==> flow/design.v <==
module mult #(
  parameter WD = 24
) (
  input logic ck,
  input logic adv,
  input logic [WD-1:0] op_a_in,
  input logic [WD-1:0] op_b_in,
  output logic [2*WD-1:0] p_out
);
  localparam HW = WD / 2;
  logic [WD-1:0] ll;
  mul_part #(.N(HW)) inst (.a(op_a_in[HW-1:0]), .b(op_b_in[HW-1:0]), .p(ll));
  logic [WD-1:0] lh;
  mul_part #(.N(HW)) el (.a(op_a_in[HW-1:0]), .b(op_b_in[WD-1:HW]), .p(lh));
  logic [WD-1:0] hl;
  mul_part #(.N(HW)) u (.a(op_a_in[WD-1:HW]), .b(op_b_in[HW-1:0]), .p(hl));
  logic [WD-1:0] hh;
  mul_part #(.N(HW)) i_sub (.a(op_a_in[WD-1:HW]), .b(op_b_in[WD-1:HW]), .p(hh));
  logic [WD:0] t2;
  assign t2 = lh + hl;
  always_ff @(posedge ck) begin
    if (adv) begin
      p_out <= {hh, ll} + {t2, {HW{1'b0}}};
    end
  end
endmodule
module mul_part #(parameter N = 4) (
  input logic [N-1:0] a,
  input logic [N-1:0] b,
  output logic [2*N-1:0] p
);
  assign p = a * b;
endmodule
== Step by step through the tools: mult ==
Tool output for the design above, in the order of the flow.
Line numbers count from 1 in the design file above.
Cell names lack the library's common part.
The mark - stands for no value.
Design
  design top: mult
  clock: ck
  library: sky130hd
  corner: tt_025C_1v80

== Word-level counts ==
Source: Yosys, flattened and elaborated, memories not mapped. Widths are those after wreduce; folded enables and synchronous resets count as part of the registers. Registers that Yosys merges into a memory's read port (data or address) are not register bits. Print and check cells do not count. Equal cells are merged and count once.
Word-level totals
  word-level cells: 7
  output and inout bits: 48
  register bits: 48
  bits of input ports: 50
Cells by class
  $add $sub $neg: 2
  multipliers: 4
Operators by type and width (number)
  12-bit by 12-bit multiplier with 24-bit output: 4
  48-bit by 37-bit adder with 48-bit output: 1
  24-bit by 24-bit adder with 25-bit output: 1

== Longest topological paths ==
Yosys ltp: most cells in a row. Word level: on the elaborated netlist, between registers, memories and ports. Mapped: between sequential cells and ports; inverters and the memories' decode and read muxes count.
Logic depth
  word-level depth: 3
  ABC_AREA: 0
  mapped depth: 34
  mapped depth without buffers: 33

== Synthesis result ==
The flow's flattened synthesis, as Yosys stat reports it; memories are mapped. The netlist is that of the ABC_AREA named above (0 if unset); the other value can give another one.
Synthesis totals
  cell area after synthesis: 21745.9 um^2
  mapped cells: 2425
  mapped flip-flops: 48
  sequential area: 1441.4 um^2
  buffers: 97
Cells by type
  fa_1: number 444, area in all 8.89E+03 um^2
  ha_1: number 258, area in all 3.23E+03 um^2
  inv_1: number 556, area in all 2.09E+03 um^2
  and2_1: number 253, area in all 1.58E+03 um^2
  edfxtp_1: number 48, area in all 1.44E+03 um^2
  nand2_1: number 350, area in all 1313.76 um^2
  xnor2_1: number 65, area in all 569.296 um^2
  clkbuf_1: number 97, area in all 364.099 um^2
  a21oi_1: number 57, area in all 285.274 um^2
  nor2_1: number 52, area in all 195.187 um^2
  o21ai_0: number 36, area in all 180.173 um^2
  xor2_1: number 20, area in all 175.168 um^2
  a21o_1: number 23, area in all 172.666 um^2
  o21a_1: number 14, area in all 105.101 um^2
  nor2b_1: number 14, area in all 87.584 um^2
  o21bai_1: number 11, area in all 82.579 um^2
  nand2b_1: number 13, area in all 81.328 um^2
  nor3_1: number 13, area in all 65.062 um^2
Other cell types: 46; their cells: 101.
The figures by module come from a second, unflattened synthesis with its own total; it is not the netlist above.
Unflattened totals
  cell total of the unflattened synthesis: 2757
  area (unflattened synthesis): 23282.3 um^2
Rows give one instance, submodules left out.
By module
  mul_part (N=12): area 4764.6 um^2, instances 4, sequential area 0.0 um^2, cells 580
  mult: area 4224.1 um^2, instances 1, sequential area 1441.4 um^2, cells 437

== Path before layout ==
Source: OpenSTA report_checks on the synthesized netlist (no wires, ideal clock, input and output delay 20% of the period each), path of least setup slack; recovery checks are left aside. Register names are those of the netlist, which keeps one name where synthesis merged equal registers.
Timing path post-synthesis
  kind: input-to-reg
  from: input port op_a_in[9]
  to: register p_out[45]
  delay of the path: 7889 ps
  external input delay: 2460 ps
  period: 12300 ps
  path slack: 1951 ps
  launch time at the first pin: 2460 ps
  setup time: 266 ps
  arrival time: 10083 ps
  data required time: 12034 ps
  stages on the path: 32
  path buffers: 1
  period reached after synthesis: 10349 ps
"delay of the path" = arrival - input delay + setup time.
"stages on the path" counts driving pins, that of a launching flip-flop among them; a cell with two outputs on the path counts twice.
"period reached after synthesis" = period - worst setup slack (recovery checks aside). The figure is calculated, with input and output delays left at 20% of the set period.
Between the ends stands the longest chain of elaborated cells between them, by number of cells; it is not shown to be the way that was timed. Of several equally long chains one is given.
A line is the first line of the expression or statement that the cell stems from. Yosys adds cells for indexed reads and writes and turns some case tables into memories.
On the way, post-synthesis
  path through: clkbuf_1 nand2_1 fa_1 inv_1 fa_1 inv_1 fa_1 fa_1 inv_1 fa_1 fa_1 inv_1 fa_1 inv_1 ha_1 a21o_1 a21o_1 a221oi_1 nor2_1 or3_1 a21oi_1 xnor2_1 ha_1 a2111oi_0 o21ai_0 o21ai_0 nand2_1 a21oi_1 o211ai_1 a41oi_1 nor3_1 xor2_1
  length of the longest elaborated chain: 3
  elaborated cells between the ends (all ways): 4
  source lines of those cells: 3
  classes of those cells: add/sub: 2; mul: 2
Ends and longest elaborated chain, post-synthesis
  start: declaration: line 6  | input logic [WD-1:0] op_a_in,
  12-bit by 12-bit multiplier with 24-bit output: line 32  | assign p = a * b;
  24-bit by 24-bit adder with 25-bit output: line 20  | assign t2 = lh + hl;
  48-bit by 37-bit adder with 48-bit output: line 23  | p_out <= {hh, ll} + {t2, {HW{1'b0}}};
  end: assignment: line 23
  end: declaration: line 8  | output logic [2*WD-1:0] p_out

== Path in the finished layout ==
From the final timing report of job 1: the path of least setup slack in the routed layout; clock arrival at registers is part of the times.
The report prints the path's times to 10 ps; the period is as set.
Timing path after layout
  kind: input-to-reg
  from: input port op_b_in[15]
  to: register p_out[41]
  data required time: 12380 ps
  arrival time: 11650 ps
  path slack: 720 ps
  setup time: 250 ps
  launch time at the first pin: 2460 ps
  stages on the path: 33
  path buffers: 2
  period: 12300 ps
  external input delay: 2460 ps
Between the ends stands the longest chain of elaborated cells between them, by number of cells; it is not shown to be the way that was timed. Of several equally long chains one is given.
On the way, after layout
  path through: clkdlybuf4s50_1 nand2_1 fa_1 inv_1 fa_1 inv_1 fa_1 fa_1 inv_1 fa_1 fa_1 inv_1 fa_1 inv_1 ha_1 a21o_1 a21o_1 a221oi_1 nor2_1 or3_1 a21oi_1 xnor2_1 ha_1 a2111oi_0 o21ai_0 o21ai_0 nand2_1 a21oi_1 o211ai_1 a41oi_1 buf_4 nor3_1 xnor2_1
  length of the longest elaborated chain: 3
  elaborated cells between the ends (all ways): 4
  source lines of those cells: 3
  classes of those cells: add/sub: 2; mul: 2
Ends and longest elaborated chain, after layout
  start: declaration: line 7  | input logic [WD-1:0] op_b_in,
  12-bit by 12-bit multiplier with 24-bit output: line 32  | assign p = a * b;
  24-bit by 24-bit adder with 25-bit output: line 20  | assign t2 = lh + hl;
  48-bit by 37-bit adder with 48-bit output: line 23  | p_out <= {hh, ll} + {t2, {HW{1'b0}}};
  end: assignment: line 23
  end: declaration: line 8  | output logic [2*WD-1:0] p_out

Subject: mult on sky130hd, stored results

Hello all,

Measured data: module mult, platform sky130hd, 3 stored runs of the flow under differing settings, order arbitrary. Input and output delays are each 20% of the period that was set; the output load is 0.01 pF.
"period achieved" = clock period - worst setup slack. The figure is calculated, with input and output delays left at 20% of the set period.
"critical path time" means the part of the period allowed to the worst setup path (the constraints hold back 20% at inputs and 20% at outputs) less its slack; where the path has registers, the arrival times of their clocks count too.
"critical path time" is given in steps of 10 ps.

==> job 1: settings <==
{ "period_ns": 12.3, "CAP_MARGIN": 20, "CORE_MARGIN": 2, "CORE_UTILIZATION": 40, "SLEW_MARGIN": 20 }
==> job 1: results <==
area of the synthesized netlist: 21745.9 um^2
die area: 56244.9 um^2
standard-cell area after layout: 23794.1 um^2
lowest setup slack: 725 ps
summed negative setup slack: 0 ps
worst hold slack in the final report: 2478 ps
period achieved: 11575 ps
critical path time: 9120 ps
type of the worst setup path: input-to-reg

==> job 2: settings <==
{ "period_ns": 6.6, "CORE_UTILIZATION": 23, "SETUP_SLACK_MARGIN": 0.76, "PLACE_DENSITY": 0.74, "TNS_END_PERCENT": 35, "ABC_AREA": 1, "CTS_CLUSTER_SIZE": 17, "MIN_ROUTING_LAYER": "met1", "CAP_MARGIN": 20, "CORE_MARGIN": 2, "SLEW_MARGIN": 20 }
==> job 2: results <==
area of the synthesized netlist: 22831.9 um^2
die area: 101806.0 um^2
standard-cell area after layout: 31495.2 um^2
lowest setup slack: -1708 ps
summed negative setup slack: -39514 ps
worst hold slack in the final report: 1628 ps
period achieved: 8308 ps
critical path time: 6990 ps
type of the worst setup path: input-to-reg

==> job 3: settings <==
{ "period_ns": 12.8, "CORE_UTILIZATION": 23, "SETUP_SLACK_MARGIN": 3.55, "PLACE_DENSITY_LB_ADDON": 0.09, "ABC_AREA": 0, "GPL_TIMING_DRIVEN": 1, "MIN_ROUTING_LAYER": "met2", "CAP_MARGIN": 20, "CORE_MARGIN": 2, "SLEW_MARGIN": 20 }
==> job 3: results <==
area of the synthesized netlist: 21745.9 um^2
die area: 97022.9 um^2
standard-cell area after layout: 26499.2 um^2
lowest setup slack: 2703 ps
summed negative setup slack: 0 ps
worst hold slack in the final report: 2759 ps
period achieved: 10097 ps
critical path time: 7540 ps
type of the worst setup path: input-to-reg

Thanks
